==> flow/design.v <==
module scratch (ck, rstn, wr_i, wr_idx_i, wdata_i, read_addr_a_i, read_addr_b_i, rd_a_o, rd_b_o);
  parameter NUM_REGS = 48;
  parameter XLEN = 20;
  localparam ADDR_W = $clog2(NUM_REGS);
  input ck;
  input rstn;
  input wr_i;
  input [ADDR_W-1:0] wr_idx_i;
  input [XLEN-1:0] wdata_i;
  input [ADDR_W-1:0] read_addr_a_i;
  input [ADDR_W-1:0] read_addr_b_i;
  output reg [XLEN-1:0] rd_a_o;
  output reg [XLEN-1:0] rd_b_o;
  reg wr_ff;
  reg [ADDR_W-1:0] wr_idx_ff;
  reg [XLEN-1:0] wdata_ff;
  always @(posedge ck or negedge rstn) begin
    if (~rstn) begin
      wr_ff <= 1'b0;
      wr_idx_ff <= 0;
      wdata_ff <= 0;
    end else begin
      wr_ff <= wr_i;
      wr_idx_ff <= wr_idx_i;
      wdata_ff <= wdata_i;
    end
  end
  reg [XLEN-1:0] mem [NUM_REGS-1:0];
  always @(posedge ck) begin
    if (wr_ff && wr_idx_ff != 0)
      mem[wr_idx_ff] <= wdata_ff;
  end
  reg [ADDR_W-1:0] read_addr_a_ff;
  reg [ADDR_W-1:0] read_addr_b_ff;
  always @(posedge ck or negedge rstn) begin
    if (~rstn) begin
      read_addr_a_ff <= 0;
      read_addr_b_ff <= 0;
      rd_a_o <= 0;
      rd_b_o <= 0;
    end else begin
      read_addr_a_ff <= read_addr_a_i;
      read_addr_b_ff <= read_addr_b_i;
      rd_a_o <= (read_addr_a_ff == 0) ? {XLEN{1'b0}} : mem[read_addr_a_ff];
      rd_b_o <= (read_addr_b_ff == 0) ? {XLEN{1'b0}} : mem[read_addr_b_ff];
    end
  end
endmodule
==> Tool chain data of scratch <==
What the tools print for scratch, step after step.
Line numbers count from 1 in the design file above.
{ "design": {"design": "scratch", "clock": "ck", "library": "sky130hd", "lib_corner": "tt_025C_1v80"} }

==> After elaboration <==
Counts by Yosys on the flattened word-level netlist (proc, flatten, opt, wreduce; memories kept). Register bits leave out memories and registers merged into their read ports (data or address); mux counts leave out enables and synchronous resets folded into registers. Print and check cells are left out. Cells with the same type and inputs are merged into one.
Memory sizes are those after Yosys's memory passes, which may raise the word count (mostly to a power of two), join words into wider ones and drop unused or constant bits.
{ "classes": {"muxes": 5, "reduce_and_logical": 4} }
{ "ops": {"columns": ["cell", "n"], "rows": [
  ["20-bit 2-to-1 mux", 3],
  ["6-bit zero test", 2],
  ["6-bit nonzero test", 1],
  ["6-bit 2-to-1 mux", 1],
  ["1-bit logical AND", 1],
  ["1-bit 2-to-1 mux", 1]
]} }
{ "bits": {"ff_bits": 79, "mem_count": 1, "ram_bits": 960, "inputBits": 41} }
{ "mem_list": {"columns": ["memory", "size", "word_bits", "rd", "write_ports", "line", "source"], "rows": [
  ["mem", 48, 20, 2, 1, 28, "reg [XLEN-1:0] mem [NUM_REGS-1:0];"]
]} }

==> Depth <==
Longest topological path by Yosys (ltp), each cell counted once; first at word level (registers and memories cut), then after technology mapping (sequential cells cut; the memories' decode and read muxes count).
{ "logic_depth": {"word_depth": 3, "ABC_AREA": 0, "ltp_mapped": 9, "depth_no_buf": 5} }

==> After synthesis <==
The flow's flattened synthesis, as Yosys stat reports it; memories are mapped. The netlist is that of the ABC_AREA named above (0 if unset); the other value can give another one.
Totals and module areas in this step are rounded.
{ "mapped": {"synth_area_um2": 46590, "cell_count": 2371, "buffers": 170, "flip_flops": 1039, "seqArea_um2": 30800} }
{ "by_type": {"columns": ["type", "n", "area_total_um2"], "rows": [
  ["sky130_fd_sc_hd__edfxtp_1", 960, 2.88E+04],
  ["sky130_fd_sc_hd__mux4_2", 444, 9999.59],
  ["sky130_fd_sc_hd__dfrtp_1", 79, 1.98E+03],
  ["sky130_fd_sc_hd__mux2i_1", 114, 1.14E+03],
  ["sky130_fd_sc_hd__a22oi_1", 95, 713.184],
  ["sky130_fd_sc_hd__nor2_1", 101, 379.114],
  ["sky130_fd_sc_hd__buf_2", 68, 340.326],
  ["sky130_fd_sc_hd__a21oi_1", 54, 270.259],
  ["sky130_fd_sc_hd__nand2_1", 72, 270.259],
  ["sky130_fd_sc_hd__buf_4", 30, 225.216],
  ["sky130_fd_sc_hd__buf_6", 20, 225.216],
  ["sky130_fd_sc_hd__o22ai_1", 27, 168.912],
  ["sky130_fd_sc_hd__nand3_1", 32, 160.154],
  ["sky130_fd_sc_hd__a22o_1", 18, 157.651],
  ["sky130_fd_sc_hd__clkbuf_1", 42, 157.651],
  ["sky130_fd_sc_hd__a32oi_1", 13, 113.859],
  ["sky130_fd_sc_hd__a221oi_1", 12, 105.101],
  ["sky130_fd_sc_hd__mux2_2", 9, 101.347]
]} }
Other cell types: 42; their cells: 181.

==> Timing after synthesis <==
OpenSTA on the mapped netlist: ideal clock, no wires. The path of least setup slack (recovery checks aside). Input and output delay are each 20% of the period. Register names are those of the netlist, which keeps one name where synthesis merged equal registers.
{ "synth_path": {"path_kind": "register to register", "startpoint": "reg wr_idx_ff[5]", "endpoint": "mem mem[23][0]", "t_required_ns": 2.493, "period_ns": 2.89, "path_slack_ns": 0.578, "setup_ns": 0.397, "delay_ns": 2.312, "stages": 4, "t_arrival_ns": 1.915, "period_less_setup_slack_ns": 2.312} }
"delay_ns" = arrival - input delay + setup time.
"stages" counts driving pins, that of a launching flip-flop among them; a cell with two outputs on the path counts twice.
"period_less_setup_slack_ns" is the clock period less the worst setup slack; recovery checks do not enter. This is arithmetic on one report: input and output delays are still those of the set period (20% each).
Between the ends stands the longest chain of elaborated cells between them, by number of cells; it is not shown to be the way that was timed. Of several equally long chains one is given.
A line is the first line of the expression or statement that the cell stems from. Yosys adds cells for indexed reads and writes and turns some case tables into memories.
The path ends at the enable pin of a flip-flop; only ways to that pin are counted.
{ "synth_between": {"cell_sequence": "sky130_fd_sc_hd__dfrtp_1 > sky130_fd_sc_hd__or3b_2 > sky130_fd_sc_hd__clkbuf_1 > sky130_fd_sc_hd__nor2_1", "elab_chain_len": 3, "cells_between": 4, "cone_lines": 1} }
{ "synth_rtl": {"columns": ["item", "line", "source"], "rows": [
  ["from (decl)", 15, "reg [ADDR_W-1:0] wr_idx_ff;"],
  ["from (assign)", 20, "wr_idx_ff <= 0;"],
  ["from (assign)", 24, "wr_idx_ff <= wr_idx_i;"],
  ["6-bit nonzero test", 30, "if (wr_ff && wr_idx_ff != 0)"],
  ["1-bit logical AND", 30, null],
  ["6-bit 2-to-1 mux", 30, null],
  ["to (decl)", 28, "reg [XLEN-1:0] mem [NUM_REGS-1:0];"]
]} }

==> Worst path after layout <==
Path of least setup slack in the final report of job 1 (OpenROAD, finished layout, wires in). Where an end is a register, its clock arrival counts in the times.
{ "layout_path": {"path_kind": "register to register", "startpoint": "reg read_addr_b_ff[2]", "endpoint": "reg rd_b_o[3]", "t_required_ns": 3.34, "period_ns": 2.74, "stages": 7, "path_slack_ns": 0.02, "setup_ns": 0.08, "t_arrival_ns": 3.33} }
Between the ends stands the longest chain of elaborated cells between them, by number of cells; it is not shown to be the way that was timed. Of several equally long chains one is given.
The chain passes a memory read, where the word-level depth is cut; so it can be longer than that depth.
{ "layout_between": {"cell_sequence": "sky130_fd_sc_hd__dfrtp_4 > sky130_fd_sc_hd__buf_12 > sky130_fd_sc_hd__nor2_1 > sky130_fd_sc_hd__buf_4 > sky130_fd_sc_hd__a22oi_1 > sky130_fd_sc_hd__and4b_1 > sky130_fd_sc_hd__a21oi_1", "elab_chain_len": 2, "cells_between": 3, "cone_lines": 2} }
{ "layout_rtl": {"columns": ["item", "line", "source"], "rows": [
  ["from (decl)", 34, "reg [ADDR_W-1:0] read_addr_b_ff;"],
  ["from (assign)", 38, "read_addr_b_ff <= 0;"],
  ["from (assign)", 43, "read_addr_b_ff <= read_addr_b_i;"],
  ["memory read 48 x 20 bit", 28, "reg [XLEN-1:0] mem [NUM_REGS-1:0];"],
  ["20-bit 2-to-1 mux", 45, "rd_b_o <= (read_addr_b_ff == 0) ? {XLEN{1'b0}} : mem[read_addr_b_ff];"],
  ["to (assign)", 40, "rd_b_o <= 0;"],
  ["to (assign)", 45, null],
  ["to (decl)", 13, "output reg [XLEN-1:0] rd_b_o;"]
]} }

Hand-over note for scratch

Module scratch, platform sky130hd: 3 stored runs of the flow (Yosys, OpenROAD) with differing settings, in no particular order. Input and output delays are each 20% of the period that was set; the output load is 0.01 pF.
By "clock period reached" is meant the clock period of the run minus its worst setup slack. This is arithmetic on one report: input and output delays are still those of the set period (20% each).
"time on the worst setup path" = time allowed to the worst setup path (clock period - input delay - output delay, where it has them) - its slack; a late launch clock adds to it, a late capture clock takes from it.
"total design power" is the tool's figure for a default switching activity; nothing was simulated.
Measured values are rounded.

==> job 1: settings <==
{ "period_ns": 2.74, "CORE_UTILIZATION": 52, "SETUP_SLACK_MARGIN": -0.04, "PLACE_DENSITY_LB_ADDON": 0.27, "CELL_PAD_IN_SITES_GLOBAL_PLACEMENT": 1, "TNS_END_PERCENT": 85, "GPL_TIMING_DRIVEN": 1, "CTS_CLUSTER_SIZE": 77, "CAP_MARGIN": 30, "MAX_ROUTING_LAYER": "met4", "CORE_MARGIN": 2, "SLEW_MARGIN": 20 }
==> job 1: results <==
post-route worst hold slack: 0.315 ns
time on the worst setup path: 2.72 ns
worst path kind: register to register
standard-cell area after layout: 54700 um^2
utilization after routing: 61.7 %
die footprint: 92010 um^2
sum of negative setup slack: 0.000 ns
lowest setup slack: 0.016 ns
total design power: 35.89 mW
clock period reached: 2.724 ns
synthesized cell area: 46590 um^2

==> job 2: settings <==
{ "period_ns": 2.89, "CAP_MARGIN": 20, "CORE_MARGIN": 2, "CORE_UTILIZATION": 40, "SLEW_MARGIN": 20 }
==> job 2: results <==
post-route worst hold slack: 0.310 ns
time on the worst setup path: 2.93 ns
worst path kind: register to register
standard-cell area after layout: 54840 um^2
utilization after routing: 47.3 %
die footprint: 119200 um^2
sum of negative setup slack: -0.044 ns
lowest setup slack: -0.044 ns
total design power: 34.49 mW
clock period reached: 2.934 ns
synthesized cell area: 46590 um^2

==> job 3: settings <==
{ "period_ns": 2.76, "CORE_UTILIZATION": 31, "SETUP_SLACK_MARGIN": 0.07, "PLACE_DENSITY_LB_ADDON": 0.05, "CORE_ASPECT_RATIO": 0.57, "ABC_AREA": 1, "GPL_ROUTABILITY_DRIVEN": 1, "CAP_MARGIN": 20, "CORE_MARGIN": 2, "SLEW_MARGIN": 20 }
==> job 3: results <==
post-route worst hold slack: 0.235 ns
time on the worst setup path: 2.65 ns
worst path kind: register to register
standard-cell area after layout: 64360 um^2
utilization after routing: 36.7 %
die footprint: 180200 um^2
sum of negative setup slack: 0.000 ns
lowest setup slack: 0.107 ns
total design power: 38.35 mW
clock period reached: 2.653 ns
synthesized cell area: 54770 um^2

End of note.
